==> flow/design.v <==
module cpu_mem_rtl #(
    parameter integer D = 24,
    parameter integer XLEN = 6,
    parameter integer ABITS = $clog2(D)
) (
    input  wire ck,
    input  wire rst_n,
    input  wire wen_i,
    input  wire [ABITS-1:0] wa_i,
    input  wire [XLEN-1:0] write_data_i,
    input  wire [ABITS-1:0] rd_idx0_i,
    input  wire [ABITS-1:0] rd_idx1_i,
    output wire [XLEN-1:0] rd0_o,
    output wire [XLEN-1:0] rd1_o
);
    reg wen_q;
    always @(posedge ck or negedge rst_n) begin
        if (~rst_n) begin
            wen_q <= 1'b0;
        end else begin
            wen_q <= wen_i;
        end
    end
    reg [ABITS-1:0] wa_q;
    always @(posedge ck or negedge rst_n) begin
        if (~rst_n) begin
            wa_q <= 0;
        end else begin
            wa_q <= wa_i;
        end
    end
    reg [XLEN-1:0] write_data_q;
    always @(posedge ck or negedge rst_n) begin
        if (~rst_n) begin
            write_data_q <= 0;
        end else begin
            write_data_q <= write_data_i;
        end
    end
    reg [XLEN-1:0] gpr [0:D-1];
    always @(posedge ck) begin
        if (wen_q)
            gpr[wa_q] <= write_data_q;
    end
    reg [ABITS-1:0] rd_idx0_q;
    always @(posedge ck or negedge rst_n) begin
        if (~rst_n) begin
            rd_idx0_q <= 0;
        end else begin
            rd_idx0_q <= rd_idx0_i;
        end
    end
    reg [ABITS-1:0] rd_idx1_q;
    always @(posedge ck or negedge rst_n) begin
        if (~rst_n) begin
            rd_idx1_q <= 0;
        end else begin
            rd_idx1_q <= rd_idx1_i;
        end
    end
    assign rd0_o = gpr[rd_idx0_q];
    assign rd1_o = gpr[rd_idx1_q];
endmodule
Lab notebook: cpu_mem_rtl

### Reports on cpu_mem_rtl

Tool output for the members of one design family, told apart by "XLEN", in the order of the flow.
The file above is the member XLEN = 6. Line numbers count from 1 in each member's own file.
Operators carry their Yosys type and port widths (W data, S select, Z words).
Library cell names are shortened.
The mark -- stands for no value.

* design top: cpu_mem_rtl
* clock input: ck
* cell library: sky130hd
* library corner: tt_025C_1v80

### Members of the sweep

Lines of each other member's file that are new or changed against the file above; lines that a member lacks are not shown.

Lines new or changed
* XLEN 24: line 3 `parameter integer XLEN = 24,`
* XLEN 32: line 3 `parameter integer XLEN = 32,`
* XLEN 40: line 3 `parameter integer XLEN = 40,`
* XLEN 64: line 3 `parameter integer XLEN = 64,`

### Word-level counts

Source: Yosys, flattened and elaborated, memories not mapped. Widths are those after wreduce; folded enables and synchronous resets count as part of the registers. Registers that Yosys merges into a memory's read port (data or address) are not register bits. Print and check cells do not count. Equal cells are merged and count once.
Yosys's memory passes give these memory sizes; they may raise the number of words (mostly to a power of two), join words into wider ones and drop unused or constant bits.

Storage and ports
* XLEN 6: input bits 24, memory bits (read-only) 0, memories kept 1, register bits 22, word width x clocked read ports 0, output and inout bits 12, latch bits 0, cells after elaboration 9, RAM bits 144
* XLEN 24: input bits 42, memory bits (read-only) 0, memories kept 1, register bits 40, word width x clocked read ports 0, output and inout bits 48, latch bits 0, cells after elaboration 9, RAM bits 576
* XLEN 32: input bits 50, memory bits (read-only) 0, memories kept 1, register bits 48, word width x clocked read ports 0, output and inout bits 64, latch bits 0, cells after elaboration 9, RAM bits 768
* XLEN 40: input bits 58, memory bits (read-only) 0, memories kept 1, register bits 56, word width x clocked read ports 0, output and inout bits 80, latch bits 0, cells after elaboration 9, RAM bits 960
* XLEN 64: input bits 82, memory bits (read-only) 0, memories kept 1, register bits 80, word width x clocked read ports 0, output and inout bits 128, latch bits 0, cells after elaboration 9, RAM bits 1536

Cells by class
* XLEN 6: add/subtract/negate cells 0, multipliers 0, eq/ne operators 0, shift-type cells 0, divide/modulo/power cells 0, bitwise logic cells 0, reductions and logical operators 0, order comparisons 0, multiplexer cells 3
* XLEN 24: add/subtract/negate cells 0, multipliers 0, eq/ne operators 0, shift-type cells 0, divide/modulo/power cells 0, bitwise logic cells 0, reductions and logical operators 0, order comparisons 0, multiplexer cells 3
* XLEN 32: add/subtract/negate cells 0, multipliers 0, eq/ne operators 0, shift-type cells 0, divide/modulo/power cells 0, bitwise logic cells 0, reductions and logical operators 0, order comparisons 0, multiplexer cells 3
* XLEN 40: add/subtract/negate cells 0, multipliers 0, eq/ne operators 0, shift-type cells 0, divide/modulo/power cells 0, bitwise logic cells 0, reductions and logical operators 0, order comparisons 0, multiplexer cells 3
* XLEN 64: add/subtract/negate cells 0, multipliers 0, eq/ne operators 0, shift-type cells 0, divide/modulo/power cells 0, bitwise logic cells 0, reductions and logical operators 0, order comparisons 0, multiplexer cells 3

Memory list (shape (words x width / read and write ports))
* XLEN 6: gpr 24 x 6 bit 2R1W
* XLEN 24: gpr 24 x 24 bit 2R1W
* XLEN 32: gpr 24 x 32 bit 2R1W
* XLEN 40: gpr 24 x 40 bit 2R1W
* XLEN 64: gpr 24 x 64 bit 2R1W

Operator list (kind and count)
* XLEN 6: 1 x $mux W6; 1 x $mux W5; 1 x $mux W1
* XLEN 24: 1 x $mux W24; 1 x $mux W5; 1 x $mux W1
* XLEN 32: 1 x $mux W32; 1 x $mux W5; 1 x $mux W1
* XLEN 40: 1 x $mux W40; 1 x $mux W5; 1 x $mux W1
* XLEN 64: 1 x $mux W64; 1 x $mux W5; 1 x $mux W1

### Longest topological paths

Yosys ltp: most cells in a row. Word level: on the elaborated netlist, between registers, memories and ports. Mapped: between sequential cells and ports; inverters and the memories' decode and read muxes count.

Logic depth
* XLEN 6: depth in word-level cells 1, ABC_AREA 0, gate-level depth with buffers 7, depth with buffers taken out 4
* XLEN 24: depth in word-level cells 1, ABC_AREA 0, gate-level depth with buffers 8, depth with buffers taken out 4
* XLEN 32: depth in word-level cells 1, ABC_AREA 0, gate-level depth with buffers 9, depth with buffers taken out 4
* XLEN 40: depth in word-level cells 1, ABC_AREA 0, gate-level depth with buffers 8, depth with buffers taken out 4
* XLEN 64: depth in word-level cells 1, ABC_AREA 0, gate-level depth with buffers 9, depth with buffers taken out 4

### Mapped cells and area

Yosys stat after the flow's synthesis: flattened, memories mapped to cells. It holds for the ABC_AREA given above (unset counts as 0); a run with the other value may have another netlist.
Totals and module areas in this step are rounded.

Synthesis totals
* XLEN 6: flip-flops 166, area of sequential cells 4870 um2, cell area after synthesis 7590 um2, standard cells after synthesis 468, buffer cells 27
* XLEN 24: flip-flops 616, area of sequential cells 18300 um2, cell area after synthesis 28000 um2, standard cells after synthesis 1503, buffer cells 124
* XLEN 32: flip-flops 816, area of sequential cells 24300 um2, cell area after synthesis 37100 um2, standard cells after synthesis 2086, buffer cells 165
* XLEN 40: flip-flops 1016, area of sequential cells 30200 um2, cell area after synthesis 45900 um2, standard cells after synthesis 2452, buffer cells 203
* XLEN 64: flip-flops 1616, area of sequential cells 48100 um2, cell area after synthesis 72800 um2, standard cells after synthesis 3900, buffer cells 323

Cell types (types with counts)
* XLEN 6: 144 x edfxtp_1; 84 x mux2i_1; 22 x dfrtp_1; 18 x mux4_2; 12 x mux4_1; 36 x a22oi_1; 37 x nand2_1; 12 x mux2_2; 29 x nor2_1; 6 x buf_6; 11 x buf_2; 6 x o221ai_1; 8 x nor2b_1; 6 x o211ai_1; 6 x nand4_1; 7 x nand3_1; 4 x nand3b_1; 3 x or3b_2; [+17]
* XLEN 24: 576 x edfxtp_1; 192 x mux4_2; 240 x mux2i_1; 40 x dfrtp_1; 48 x a2bb2oi_1; 46 x o311ai_1; 48 x o211ai_1; 38 x a22oi_1; 49 x nand3_1; 20 x buf_6; 49 x clkbuf_1; 49 x nand2_1; 18 x buf_4; 26 x buf_2; 10 x a22oi_2; 25 x nor2_1; 3 x buf_8; 4 x nand3b_1; [+22]
* XLEN 32: 768 x edfxtp_1; 224 x mux4_2; 352 x mux2i_1; 48 x dfrtp_1; 97 x nand3_1; 64 x a22oi_1; 97 x nand2_1; 32 x mux2_2; 32 x a221oi_1; 32 x a2bb2oi_1; 32 x o311ai_0; 65 x clkbuf_1; 32 x o211ai_1; 44 x buf_2; 22 x buf_4; 32 x a21oi_1; 27 x o21ai_0; 9 x buf_6; [+77]
* XLEN 40: 960 x edfxtp_1; 312 x mux4_2; 376 x mux2i_1; 56 x dfrtp_1; 112 x a221oi_1; 40 x mux2_2; 90 x o21ai_0; 48 x a22oi_1; 95 x clkbuf_1; 38 x o311ai_1; 40 x o211ai_1; 24 x buf_6; 49 x nand3_1; 31 x buf_4; 41 x buf_2; 49 x nand2_1; 22 x o21ai_1; 27 x nor2_1; [+42]
* XLEN 64: 1536 x edfxtp_1; 488 x mux4_2; 596 x mux2i_1; 80 x dfrtp_1; 168 x a221oi_1; 181 x o21ai_0; 79 x mux2_2; 88 x a22oi_1; 69 x o311ai_0; 142 x clkbuf_1; 103 x buf_2; 65 x o211ai_1; 61 x nand3_1; 75 x nand2_1; 36 x buf_4; 16 x buf_6; 16 x nor2b_1; 13 x a211oi_1; [+88]

A list marked [+n] leaves out that many cells.

### Path before layout

Source: OpenSTA report_checks on the synthesized netlist (no wires, ideal clock, input and output delay 20% of the period each), path of least setup slack; recovery checks are left aside. Register names are those of the netlist, which keeps one name where synthesis merged equal registers.

Timing after synthesis
* XLEN 6: path type register to output, start point reg rd_idx1_q[0], end point out rd1_o[0], delay of the path 1.571 ns, setup slack 0.389 ns, driving pins on the path 6, period 2.45 ns, synthesis period reached 2.061 ns
* XLEN 24: path type register to register, start point reg wa_q[1], end point mem gpr[12][0], delay of the path 2.438 ns, setup slack 0.612 ns, driving pins on the path 4, period 3.05 ns, synthesis period reached 2.438 ns
* XLEN 32: path type register to register, start point reg wa_q[1], end point mem gpr[12][0], delay of the path 2.785 ns, setup slack 0.695 ns, driving pins on the path 4, period 3.48 ns, synthesis period reached 2.785 ns
* XLEN 40: path type register to register, start point reg wa_q[1], end point mem gpr[12][0], delay of the path 3.131 ns, setup slack 0.778 ns, driving pins on the path 4, period 3.91 ns, synthesis period reached 3.132 ns
* XLEN 64: path type register to register, start point reg wa_q[1], end point mem gpr[12][0], delay of the path 4.172 ns, setup slack 1.037 ns, driving pins on the path 4, period 5.21 ns, synthesis period reached 4.173 ns

"delay of the path" is the arrival time less input delay plus setup time.
A path that ends at an output port has no setup time.
"driving pins on the path": output pins that drive a net of the path, with the launching flip-flop's if there is one; two outputs of one cell count as two.
"synthesis period reached" = period - worst setup slack (recovery checks aside). The figure is calculated, with input and output delays left at 20% of the set period.
Between the ends stands the longest chain of elaborated cells between them, by number of cells; it is not shown to be the way that was timed. Of several equally long chains one is given.
A line is the first line of the expression or statement that the cell stems from. Yosys adds cells for indexed reads and writes and turns some case tables into memories.
The chain passes a memory read, where the word-level depth is cut; so it can be longer than that depth.

On the way, after synthesis, XLEN = 6:
* cells in the longest elaborated chain: 1

RTL lines, path after synthesis, XLEN = 6
* from (decl): line 53 `reg [ABITS-1:0] rd_idx1_q;`
* from (assign): line 56 `rd_idx1_q <= 0;`
* from (assign): line 58 `rd_idx1_q <= rd_idx1_i;`
* $mem_v2 Z24 W6: line 40 `reg [XLEN-1:0] gpr [0:D-1];`
* to (decl): line 14 `output wire [XLEN-1:0] rd1_o`

On the way, after synthesis, XLEN = 64:
* cells in the longest elaborated chain: 1

RTL lines, path after synthesis, XLEN = 64
* from (decl): line 24 `reg [ABITS-1:0] wa_q;`
* from (assign): line 27 `wa_q <= 0;`
* from (assign): line 29 `wa_q <= wa_i;`
* $mux W5: line 42 `if (wen_q)`
* to (decl): line 40 `reg [XLEN-1:0] gpr [0:D-1];`

### Worst path after layout

From the final timing report of the run of each member: the path of least setup slack in the routed layout; clock arrival at registers is part of the times.

Timing post-layout
* XLEN 6: path type register to output, start point reg rd_idx0_q[0], end point out rd0_o[4], driving pins on the path 9, period 2.45 ns, arrival time 2.28 ns, path buffers 4, setup slack -0.32 ns
* XLEN 24: path type register to output, start point reg rd_idx0_q[0], end point out rd0_o[21], driving pins on the path 10, period 3.05 ns, arrival time 2.66 ns, path buffers 6, setup slack -0.22 ns
* XLEN 32: path type register to output, start point reg rd_idx1_q[0], end point out rd1_o[10], driving pins on the path 10, period 3.48 ns, arrival time 2.86 ns, path buffers 6, setup slack -0.07 ns
* XLEN 40: path type register to output, start point reg rd_idx1_q[1], end point out rd1_o[15], driving pins on the path 6, period 3.91 ns, arrival time 3.17 ns, path buffers 2, setup slack -0.04 ns
* XLEN 64: path type register to output, start point reg rd_idx0_q[2], end point out rd0_o[27], driving pins on the path 8, period 5.21 ns, arrival time 4.00 ns, path buffers 3, setup slack 0.17 ns

### Layout results

Settings and results of one run of the flow (Yosys, OpenROAD) for each member follow. The constraints put input and output delay at 20% of the set period each and load the outputs with 0.01 pF.

* CAP_MARGIN: 20
* CORE_MARGIN: 2
* CORE_UTILIZATION: 40
* SLEW_MARGIN: 20

Settings that differ (period_ns)
* XLEN 6: 2.45
* XLEN 24: 3.05
* XLEN 32: 3.48
* XLEN 40: 3.91
* XLEN 64: 5.21

Results
* XLEN 6: period achieved 2.768 ns, area of the synthesized netlist 7590 um2, setup TNS -2.60 ns, standard-cell area of the final layout 9240 um2, total die area 20100 um2, post-layout utilization 49.6%, total power after layout 6700 uW, setup slack of the critical path -0.318 ns
* XLEN 24: period achieved 3.270 ns, area of the synthesized netlist 28000 um2, setup TNS -6.99 ns, standard-cell area of the final layout 35300 um2, total die area 72200 um2, post-layout utilization 50.7%, total power after layout 19700 uW, setup slack of the critical path -0.220 ns
* XLEN 32: period achieved 3.554 ns, area of the synthesized netlist 37100 um2, setup TNS -0.331 ns, standard-cell area of the final layout 46400 um2, total die area 95200 um2, post-layout utilization 50.5%, total power after layout 22900 uW, setup slack of the critical path -0.074 ns
* XLEN 40: period achieved 3.952 ns, area of the synthesized netlist 45900 um2, setup TNS -0.042 ns, standard-cell area of the final layout 54400 um2, total die area 118000 um2, post-layout utilization 47.7%, total power after layout 24600 uW, setup slack of the critical path -0.042 ns
* XLEN 64: period achieved 5.043 ns, area of the synthesized netlist 72800 um2, setup TNS 0.000 ns, standard-cell area of the final layout 84800 um2, total die area 186000 um2, post-layout utilization 46.9%, total power after layout 29800 uW, setup slack of the critical path 0.167 ns

"period achieved": clock period set for the run, less the worst setup slack. It is reckoned from that one timing run; input and output delays stay at 20% of the period that was set.
By "total power after layout" is meant OpenSTA's value without simulated activity: inputs other than the clock are taken to toggle once in ten clock periods, and the tool carries that through the logic.
The measured numbers are rounded.
